==> flow/design.v <==
module plus_mod #(
  parameter W = 28
) (
  input  sys_clk,
  input  aresetn,
  input  [W-1:0] lhs_in,
  input  [W-1:0] rhs_in,
  output [W:0] sum_out
);
  reg [W-1:0] r_lhs;
  reg [W-1:0] r_rhs;
  always @(posedge sys_clk or negedge aresetn) begin
    if (~aresetn) begin
      r_lhs <= 0;
      r_rhs <= 0;
    end else begin
      r_lhs <= lhs_in;
      r_rhs <= rhs_in;
    end
  end
  assign sum_out = r_lhs + r_rhs;
endmodule
Ticket comment

Step by step through the tools: plus_mod --
Module plus_mod in several versions that differ in "W"; each step lists the members. The RTL above is that of W 28; lines are counted from 1 in the file of the member named. Operators: Yosys type, input widths -> output width; for muxes data width and select width s. Cell names lack the library's common part. A cell with - has no value.
Design: top plus_mod, clock port sys_clk, library sky130hd, library corner tt_025C_1v80

Members of the sweep --
New or changed lines of each further member against the RTL above, in its own file; lines it lacks are not shown.
Lines new or changed:
- W 32 | RTL line 2 | parameter W = 32
- W 112 | RTL line 2 | parameter W = 112

Elaborated design --
Source: Yosys, flattened and elaborated, memories not mapped. Widths are those after wreduce; folded enables and synchronous resets count as part of the registers. Registers that Yosys merges into a memory's read port (data or address) are not register bits. Print and check cells do not count. Equal cells are merged and count once.
Storage and ports:
- W 28 | elaborated cells 3, flip-flop bits (word level) 56, bits of input ports 58
- W 32 | elaborated cells 3, flip-flop bits (word level) 64, bits of input ports 66
- W 112 | elaborated cells 3, flip-flop bits (word level) 224, bits of input ports 226
Cells by class (add/sub/neg operators):
- W 28 | 1
- W 32 | 1
- W 112 | 1
Operators by type and width (kind and count):
- W 28 | 1 x $add 28x28->29
- W 32 | 1 x $add 32x32->33
- W 112 | 1 x $add 112x112->113

Logic depth --
Longest topological path by Yosys (ltp), each cell counted once; first at word level (registers and memories cut), then after technology mapping (sequential cells cut; the memories' decode and read muxes count).
Logic depth:
- W 28 | depth in word-level cells 1, ABC_AREA 0, gate-level depth with buffers 9, mapped depth without buffers 9
- W 32 | depth in word-level cells 1, ABC_AREA 0, gate-level depth with buffers 8, mapped depth without buffers 8
- W 112 | depth in word-level cells 1, ABC_AREA 0, gate-level depth with buffers 14, mapped depth without buffers 14

Synthesis result --
The flow's flattened synthesis, as Yosys stat reports it; memories are mapped. The netlist is that of the ABC_AREA named above (0 if unset); the other value can give another one. Totals and module areas in this step are rounded.
Cells by type (type and count):
- W 28 | 56 x dfrtp_1; 28 x ha_1; 18 x a21o_1; 15 x xnor2_1; 21 x a21oi_1; 10 x xor2_1; 17 x nand2_1; 7 x a31oi_1; 6 x nand4_1; 10 x nor2_1; 5 x o21bai_1; 6 x nand3_1; 6 x o21ai_0; 3 x a221oi_1; 6 x clkbuf_1; 6 x inv_1; 2 x a221o_1; 1 x fa_1; [+28]
- W 32 | 64 x dfrtp_1; 32 x ha_1; 32 x a21oi_1; 16 x xnor2_1; 14 x a21o_1; 11 x xor2_1; 22 x nor2_1; 18 x nand2_1; 8 x o211ai_1; 12 x o21ai_0; 11 x nand3_1; 7 x a211oi_1; 9 x nor3_1; 3 x buf_6; 5 x a31oi_1; 5 x and3_1; 4 x o21a_1; 1 x o41ai_4; [+60]
- W 112 | 224 x dfrtp_1; 112 x ha_1; 167 x a21oi_1; 67 x xnor2_1; 65 x a21o_1; 105 x nand2_1; 77 x o21ai_0; 43 x xor2_1; 56 x nand4_1; 76 x nor2_1; 34 x o21bai_1; 51 x clkbuf_1; 16 x o21a_1; 19 x nor3_1; 24 x inv_1; 12 x o31ai_1; 14 x nor2b_1; 14 x nand3_1; [+120]
A list marked [+n] leaves out that many cells.
Synthesis totals:
- W 28 | buffers 6, cells in the netlist 251, cell area after synthesis 0.002826 mm², area of sequential cells 0.001401 mm², mapped flip-flops 56
- W 32 | buffers 9, cells in the netlist 334, cell area after synthesis 0.003515 mm², area of sequential cells 0.001602 mm², mapped flip-flops 64
- W 112 | buffers 57, cells in the netlist 1296, cell area after synthesis 0.01265 mm², area of sequential cells 0.005605 mm², mapped flip-flops 224

Path before layout --
Source: OpenSTA report_checks on the synthesized netlist (no wires, ideal clock, input and output delay 20% of the period each), path of least setup slack; recovery checks are left aside. Register names are those of the netlist, which keeps one name where synthesis merged equal registers.
Timing path after synthesis:
- W 28 | path type reg2out, from register r_lhs[9], to output sum_out[28], stages on the path 9, clock period 3650 ps, delay of the path 2338 ps, path slack 582 ps, synthesis period reached 3068 ps
- W 32 | path type reg2out, from register r_lhs[26], to output sum_out[31], stages on the path 9, clock period 3600 ps, delay of the path 2301 ps, path slack 579 ps, synthesis period reached 3021 ps
- W 112 | path type reg2out, from register r_lhs[15], to output sum_out[110], stages on the path 15, clock period 5440 ps, delay of the path 3482 ps, path slack 870 ps, synthesis period reached 4570 ps
"delay of the path" is the arrival time less input delay plus setup time. At an output port there is no setup time. "stages on the path": output pins that drive a net of the path, with the launching flip-flop's if there is one; two outputs of one cell count as two. "synthesis period reached" is the clock period less the worst setup slack; recovery checks do not enter. This is arithmetic on one report: input and output delays are still those of the set period (20% each). The rows between start and end are the longest chain of elaborated cells between them; the timing report does not say that the signal goes this way. Where chains are equally long, one stands for them. Each line given opens the expression or statement behind the cell; cells for indexed reads and writes are added by Yosys, which also makes memories of some case tables.
Between the ends, after synthesis, W 28: cells in the longest elaborated chain 1
RTL lines, path after synthesis, W 28:
- from (decl) | RTL line 10 | reg [W-1:0] r_lhs;
- from (assign) | RTL line 14 | r_lhs <= 0;
- from (assign) | RTL line 17 | r_lhs <= lhs_in;
- $add 28x28->29 | RTL line 21 | assign sum_out = r_lhs + r_rhs;
- to (decl) | RTL line 8 | output [W:0] sum_out
Between the ends, after synthesis, W 112: cells in the longest elaborated chain 1
RTL lines, path after synthesis, W 112:
- from (decl) | RTL line 10 | reg [W-1:0] r_lhs;
- from (assign) | RTL line 14 | r_lhs <= 0;
- from (assign) | RTL line 17 | r_lhs <= lhs_in;
- $add 112x112->113 | RTL line 21 | assign sum_out = r_lhs + r_rhs;
- to (decl) | RTL line 8 | output [W:0] sum_out

Timing after layout --
Path of least setup slack in the final report of the run of each member (OpenROAD, finished layout, wires in). Where an end is a register, its clock arrival counts in the times. The report prints the path's times to 10 ps; the period is as set.
Timing path after layout:
- W 28 | path type reg2out, from register r_lhs[9], to output sum_out[28], path slack 110 ps, clock period 3650 ps, buffers on the path 1, stages on the path 10, arrival 2810 ps
- W 32 | path type reg2out, from register r_lhs[10], to output sum_out[15], path slack 100 ps, clock period 3600 ps, buffers on the path 2, stages on the path 8, arrival 2780 ps
- W 112 | path type reg2out, from register r_lhs[42], to output sum_out[112], path slack 40 ps, clock period 5440 ps, buffers on the path 3, stages on the path 17, arrival 4310 ps

Flow runs --
One run of the flow (Yosys, OpenROAD) for each member, with settings and measured results. Input and output delays are each 20% of the period that was set; the output load is 0.01 pF.
Settings: CAP_MARGIN 20, CORE_MARGIN 2, CORE_UTILIZATION 40, SLEW_MARGIN 20
Settings by member (period_ns):
- W 28 | 3.65
- W 32 | 3.6
- W 112 | 5.44
Final reports:
- W 28 | setup TNS 0 ps, total power of the final layout 1.576 mW, setup slack of the critical path 107 ps, full die area 0.007755 mm², standard-cell area after layout 0.004218 mm², chip area in the Yosys report 0.002826 mm², utilization after layout 61.7%
- W 32 | setup TNS 0 ps, total power of the final layout 2.058 mW, setup slack of the critical path 100 ps, full die area 0.009552 mm², standard-cell area after layout 0.00519 mm², chip area in the Yosys report 0.003515 mm², utilization after layout 60.1%
- W 112 | setup TNS 0 ps, total power of the final layout 5.390 mW, setup slack of the critical path 42 ps, full die area 0.03307 mm², standard-cell area after layout 0.01826 mm², chip area in the Yosys report 0.01265 mm², utilization after layout 58.3%
"total power of the final layout": no workload was simulated; the value follows from the tool's default switching activity. Measured values are rounded.
